==> flow/design.v <==
module summer #(
  parameter int XLEN = 24,
  parameter int BS = 6
) (
  input  logic CLK,
  input  logic [XLEN-1:0] i_first,
  input  logic [XLEN-1:0] i_second,
  input  logic i_cy_in,
  output logic [XLEN-1:0] o_res,
  output logic o_cy
);
  logic [XLEN-1:0] first_ff;
  logic [XLEN-1:0] second_ff;
  logic cy_in_ff;
  always_ff @(posedge CLK) begin
    first_ff <= i_first;
    second_ff <= i_second;
    cy_in_ff <= i_cy_in;
  end
  localparam int NG = XLEN / BS;
  logic [XLEN-1:0] val;
  logic [NG:0] chain;
  assign chain[0] = cy_in_ff;
  for (genvar ii = 0; ii < NG; ii++) begin : g_bit
    wire [BS:0] s0 = first_ff[ii*BS +: BS] + second_ff[ii*BS +: BS];
    wire [BS:0] s1 = first_ff[ii*BS +: BS] + second_ff[ii*BS +: BS] + 1'b1;
    assign {chain[ii+1], val[ii*BS +: BS]} = chain[ii] ? s1 : s0;
  end
  assign o_res = val;
  assign o_cy = chain[NG];
endmodule
== From RTL to reports: summer ==
What the tools print for summer, step after step.
Line numbers count from 1 in the design file above.
Cell names lack the library's common part.
Not given: n/a
Design
  top: summer
  clock input: CLK
  library: sky130hd
  corner: tt_025C_1v80

== Elaborated design ==
Source: Yosys, flattened and elaborated, memories not mapped. Widths are those after wreduce; folded enables and synchronous resets count as part of the registers. Registers that Yosys merges into a memory's read port (data or address) are not register bits. Print and check cells do not count. Equal cells are merged and count once.
Bit counts
  bits in registers: 49
  latch bits: 0
  RAM bits: 0
  bits in read-only memories: 0
  clocked read ports x word width: 0
  memory cells: 0
  input bits: 50
  output and inout bits: 25
  word-level cells: 15
Operators by class
  add/subtract/negate cells: 8
  multiply operators: 0
  divide/modulo/power cells: 0
  order comparisons: 0
  equality and inequality tests: 0
  shift-type cells: 0
  muxes and demuxes: 4
  bitwise gates (word level): 0
  reduce/logical cells: 0
Operators with widths (number)
  6-bit by 6-bit adder with 7-bit output: 4
  7-bit by 1-bit adder with 7-bit output with constant B: 4
  7-bit two-way mux: 4

== Depth ==
Depth = most cells in a row (Yosys ltp): at word level without a register or memory, in the mapped netlist without a sequential cell, where the memories' decode and read muxes count.
Depth
  word-level depth: 6
  ABC_AREA: 0
  mapped depth: 12
  gate-level depth less buffers: 12

== Synthesis result ==
Yosys stat after the flow's synthesis: flattened, memories mapped to cells. It holds for the ABC_AREA given above (unset counts as 0); a run with the other value may have another netlist.
Cell types
  dfxtp_1: number 49, area in all 980.941 um^2
  ha_1: number 28, area in all 350.336 um^2
  xnor2_1: number 21, area in all 183.926 um^2
  xor2_1: number 13, area in all 113.859 um^2
  fa_1: number 4, area in all 80.077 um^2
  nor2_1: number 21, area in all 78.826 um^2
  a21oi_1: number 12, area in all 60.058 um^2
  inv_1: number 16, area in all 60.058 um^2
  nand2_1: number 12, area in all 45.043 um^2
  nand4_1: number 6, area in all 37.536 um^2
  a21o_1: number 4, area in all 30.029 um^2
  o2111ai_2: number 2, area in all 30.029 um^2
  a211oi_2: number 2, area in all 25.024 um^2
  nand3_1: number 5, area in all 25.024 um^2
  a211oi_1: number 3, area in all 22.522 um^2
  o211ai_1: number 3, area in all 22.522 um^2
  o21bai_1: number 3, area in all 22.522 um^2
  and4_2: number 2, area in all 20.019 um^2
Other cell types: 29; their cells: 41.
Mapped netlist
  cell count: 247
  cell area after synthesis: 2511.2 um^2
  area of sequential cells: 980.9 um^2
  flip-flops: 49
  buffers: 0

== Worst setup path after synthesis ==
Path of least setup slack by OpenSTA after synthesis, without wires, with an ideal clock, recovery checks aside; 20% of the period is set as input and as output delay. Where synthesis merged equal registers, the netlist keeps one of their names.
Path post-synthesis
  path kind: reg2out
  start point: register first_ff[0]
  end point: output port o_res[23]
  clock period: 4.98 ns
  output delay: 0.996 ns
  time at the first pin: 0.000 ns
  arrival time: 3.186 ns
  required time: 3.984 ns
  setup slack: 0.798 ns
  path delay: 3.186 ns
  stages: 12
  path buffers: 0
  synthesis period reached: 4.182 ns
"path delay" = arrival - input delay + setup time.
A path that ends at an output port has no setup time.
"stages": output pins that drive a net of the path, with the launching flip-flop's if there is one; two outputs of one cell count as two.
"synthesis period reached" = period - worst setup slack (recovery checks aside). The figure is calculated, with input and output delays left at 20% of the set period.
The rows between start and end are the longest chain of elaborated cells between them; the timing report does not say that the signal goes this way. Where chains are equally long, one stands for them.
A line is the first line of the expression or statement that the cell stems from. Yosys adds cells for indexed reads and writes and turns some case tables into memories.
On the way, post-synthesis
  path through: dfxtp_1 > ha_1 > fa_1 > ha_1 > and3_1 > nor3b_1 > a311o_2 > and4_2 > a2111oi_2 > nand2_2 > nor4_1 > xor2_1
  cells in the longest elaborated chain: 6
  elaborated cells between the ends (all ways): 6
  those cells by class: add/sub: 2; mux: 4
RTL lines, path post-synthesis
  from (decl): RTL line 12  | logic [XLEN-1:0] first_ff;
  from (assign): RTL line 16  | first_ff <= i_first;
  6-bit by 6-bit adder with 7-bit output: RTL line 26  | wire [BS:0] s1 = first_ff[ii*BS +: BS] + second_ff[ii*BS +: BS] + 1'b1;
  7-bit by 1-bit adder with 7-bit output: RTL line 26
  7-bit two-way mux (4 in a row): RTL line 27  | assign {chain[ii+1], val[ii*BS +: BS]} = chain[ii] ? s1 : s0;
  to (decl): RTL line 9  | output logic [XLEN-1:0] o_res,

== Timing after layout ==
Path of least setup slack in the final report of flow run A (OpenROAD, finished layout, wires in). Where an end is a register, its clock arrival counts in the times.
Path after layout
  path kind: reg2out
  start point: register first_ff[0]
  end point: output port o_cy
  clock period: 4.98 ns
  output delay: 1.00 ns
  time at the first pin: 0.30 ns
  arrival time: 3.76 ns
  required time: 3.98 ns
  setup slack: 0.23 ns
  stages: 14
  path buffers: 2
The rows between start and end are the longest chain of elaborated cells between them; the timing report does not say that the signal goes this way. Where chains are equally long, one stands for them.
On the way, after layout
  path through: dfxtp_1 > ha_1 > fa_1 > ha_1 > and3_1 > nor3b_4 > a311o_2 > and4_2 > a2111oi_4 > nand2_2 > buf_4 > nor4_4 > xnor2_1 > dlymetal6s2s_1
  cells in the longest elaborated chain: 6
  elaborated cells between the ends (all ways): 6
  those cells by class: add/sub: 2; mux: 4
RTL lines, path after layout
  from (decl): RTL line 12  | logic [XLEN-1:0] first_ff;
  from (assign): RTL line 16  | first_ff <= i_first;
  6-bit by 6-bit adder with 7-bit output: RTL line 26  | wire [BS:0] s1 = first_ff[ii*BS +: BS] + second_ff[ii*BS +: BS] + 1'b1;
  7-bit by 1-bit adder with 7-bit output: RTL line 26
  7-bit two-way mux (4 in a row): RTL line 27  | assign {chain[ii+1], val[ii*BS +: BS]} = chain[ii] ? s1 : s0;
  to (decl): RTL line 10  | output logic o_cy

Appendix: measured runs

Record of 3 stored runs of the RTL-to-layout flow on summer, platform sky130hd. The runs are unordered. Constraints: input delay and output delay 20% of the set period each, output load 0.01 pF.
"achieved clock period (ns)" means the clock period less the worst setup slack. The figure is calculated, with input and output delays left at 20% of the set period.
"worst setup path time (ns)": the worst setup path's part of the clock period (all of it between registers, 20% less for each end at a port) less its slack. A launch clock that arrives late makes it longer, a capture clock that arrives late makes it shorter.
By "finish__power__total" is meant OpenSTA's value without simulated activity: inputs other than the clock are taken to toggle once in ten clock periods, and the tool carries that through the logic.

Flow files of flow run A
==> flow/run.sh <==
#!/bin/bash
# the make line also repeats the synthesis and layout settings of config.mk as NAME=value (left out here)
make -C /OpenROAD-flow-scripts/flow DESIGN_CONFIG=/design/flow/config.mk WORK_HOME=/design/flow/orfs CLKGATE_MAP_FILE= finish
==> flow/config.mk <==
export PLATFORM = sky130hd
export DESIGN_NAME = summer
export DESIGN_NICKNAME = summer
export VERILOG_FILES = /design/flow/design.v
export SDC_FILE = /design/flow/constraint.sdc
export NUM_CORES = 4
export LEC_CHECK = 0
export CAP_MARGIN = 20
export CORE_MARGIN = 2
export CORE_UTILIZATION = 40
export SLEW_MARGIN = 20
==> flow/constraint.sdc <==
create_clock -name core_clock -period 4.98 [get_ports {CLK}]
set_input_delay 0.9960 -clock core_clock [delete_from_list [all_inputs] [get_ports {CLK}]]
set_output_delay 0.9960 -clock core_clock [all_outputs]
set_load 0.01 [all_outputs]

report of flow run A
yosys chip area after synthesis (um^2): 2511.2
finish__design__die__area: 6928.1
finish__design__instance__area__stdcell: 3612.2
finish__design__instance__utilization: 0.6030
finish__timing__setup__ws: 0.226
finish__timing__setup__tns: 0.000
finish__timing__hold__ws: 1.130
finish__power__total: 1.104e-03
achieved clock period (ns): 4.754
worst setup path time (ns): 3.76
worst setup path kind: reg2out

Flow files of flow run B
==> flow/run.sh <==
#!/bin/bash
# the make line also repeats the synthesis and layout settings of config.mk as NAME=value (left out here)
make -C /OpenROAD-flow-scripts/flow DESIGN_CONFIG=/design/flow/config.mk WORK_HOME=/design/flow/orfs CLKGATE_MAP_FILE= finish
==> flow/config.mk <==
export PLATFORM = sky130hd
export DESIGN_NAME = summer
export DESIGN_NICKNAME = summer
export VERILOG_FILES = /design/flow/design.v
export SDC_FILE = /design/flow/constraint.sdc
export NUM_CORES = 4
export LEC_CHECK = 0
export ABC_AREA = 0
export CAP_MARGIN = 30
export CELL_PAD_IN_SITES_GLOBAL_PLACEMENT = 2
export CORE_ASPECT_RATIO = 0.58
export CORE_MARGIN = 2
export CORE_UTILIZATION = 68
export GPL_ROUTABILITY_DRIVEN = 1
export GPL_TIMING_DRIVEN = 0
export PLACE_DENSITY_LB_ADDON = 0.17
export SLEW_MARGIN = 30
export TNS_END_PERCENT = 30
==> flow/constraint.sdc <==
create_clock -name core_clock -period 7.01 [get_ports {CLK}]
set_input_delay 1.4020 -clock core_clock [delete_from_list [all_inputs] [get_ports {CLK}]]
set_output_delay 1.4020 -clock core_clock [all_outputs]
set_load 0.01 [all_outputs]

report of flow run B: did not finish, place, FLW-0024

Flow files of flow run C
==> flow/run.sh <==
#!/bin/bash
# the make line also repeats the synthesis and layout settings of config.mk as NAME=value (left out here)
make -C /OpenROAD-flow-scripts/flow DESIGN_CONFIG=/design/flow/config.mk WORK_HOME=/design/flow/orfs CLKGATE_MAP_FILE= finish
==> flow/config.mk <==
export PLATFORM = sky130hd
export DESIGN_NAME = summer
export DESIGN_NICKNAME = summer
export VERILOG_FILES = /design/flow/design.v
export SDC_FILE = /design/flow/constraint.sdc
export NUM_CORES = 4
export LEC_CHECK = 0
export ABC_AREA = 1
export CAP_MARGIN = 20
export CELL_PAD_IN_SITES_DETAIL_PLACEMENT = 1
export CORE_ASPECT_RATIO = 0.86
export CORE_MARGIN = 2
export CORE_UTILIZATION = 61
export CTS_CLUSTER_DIAMETER = 328
export CTS_CLUSTER_SIZE = 71
export GPL_ROUTABILITY_DRIVEN = 0
export MIN_ROUTING_LAYER = met1
export PLACE_DENSITY_LB_ADDON = 0.05
export SETUP_SLACK_MARGIN = 1.71
export SLEW_MARGIN = 20
export TNS_END_PERCENT = 75
==> flow/constraint.sdc <==
create_clock -name core_clock -period 6.29 [get_ports {CLK}]
set_input_delay 1.2580 -clock core_clock [delete_from_list [all_inputs] [get_ports {CLK}]]
set_output_delay 1.2580 -clock core_clock [all_outputs]
set_load 0.01 [all_outputs]

report of flow run C: did not finish, place, DPL-0033
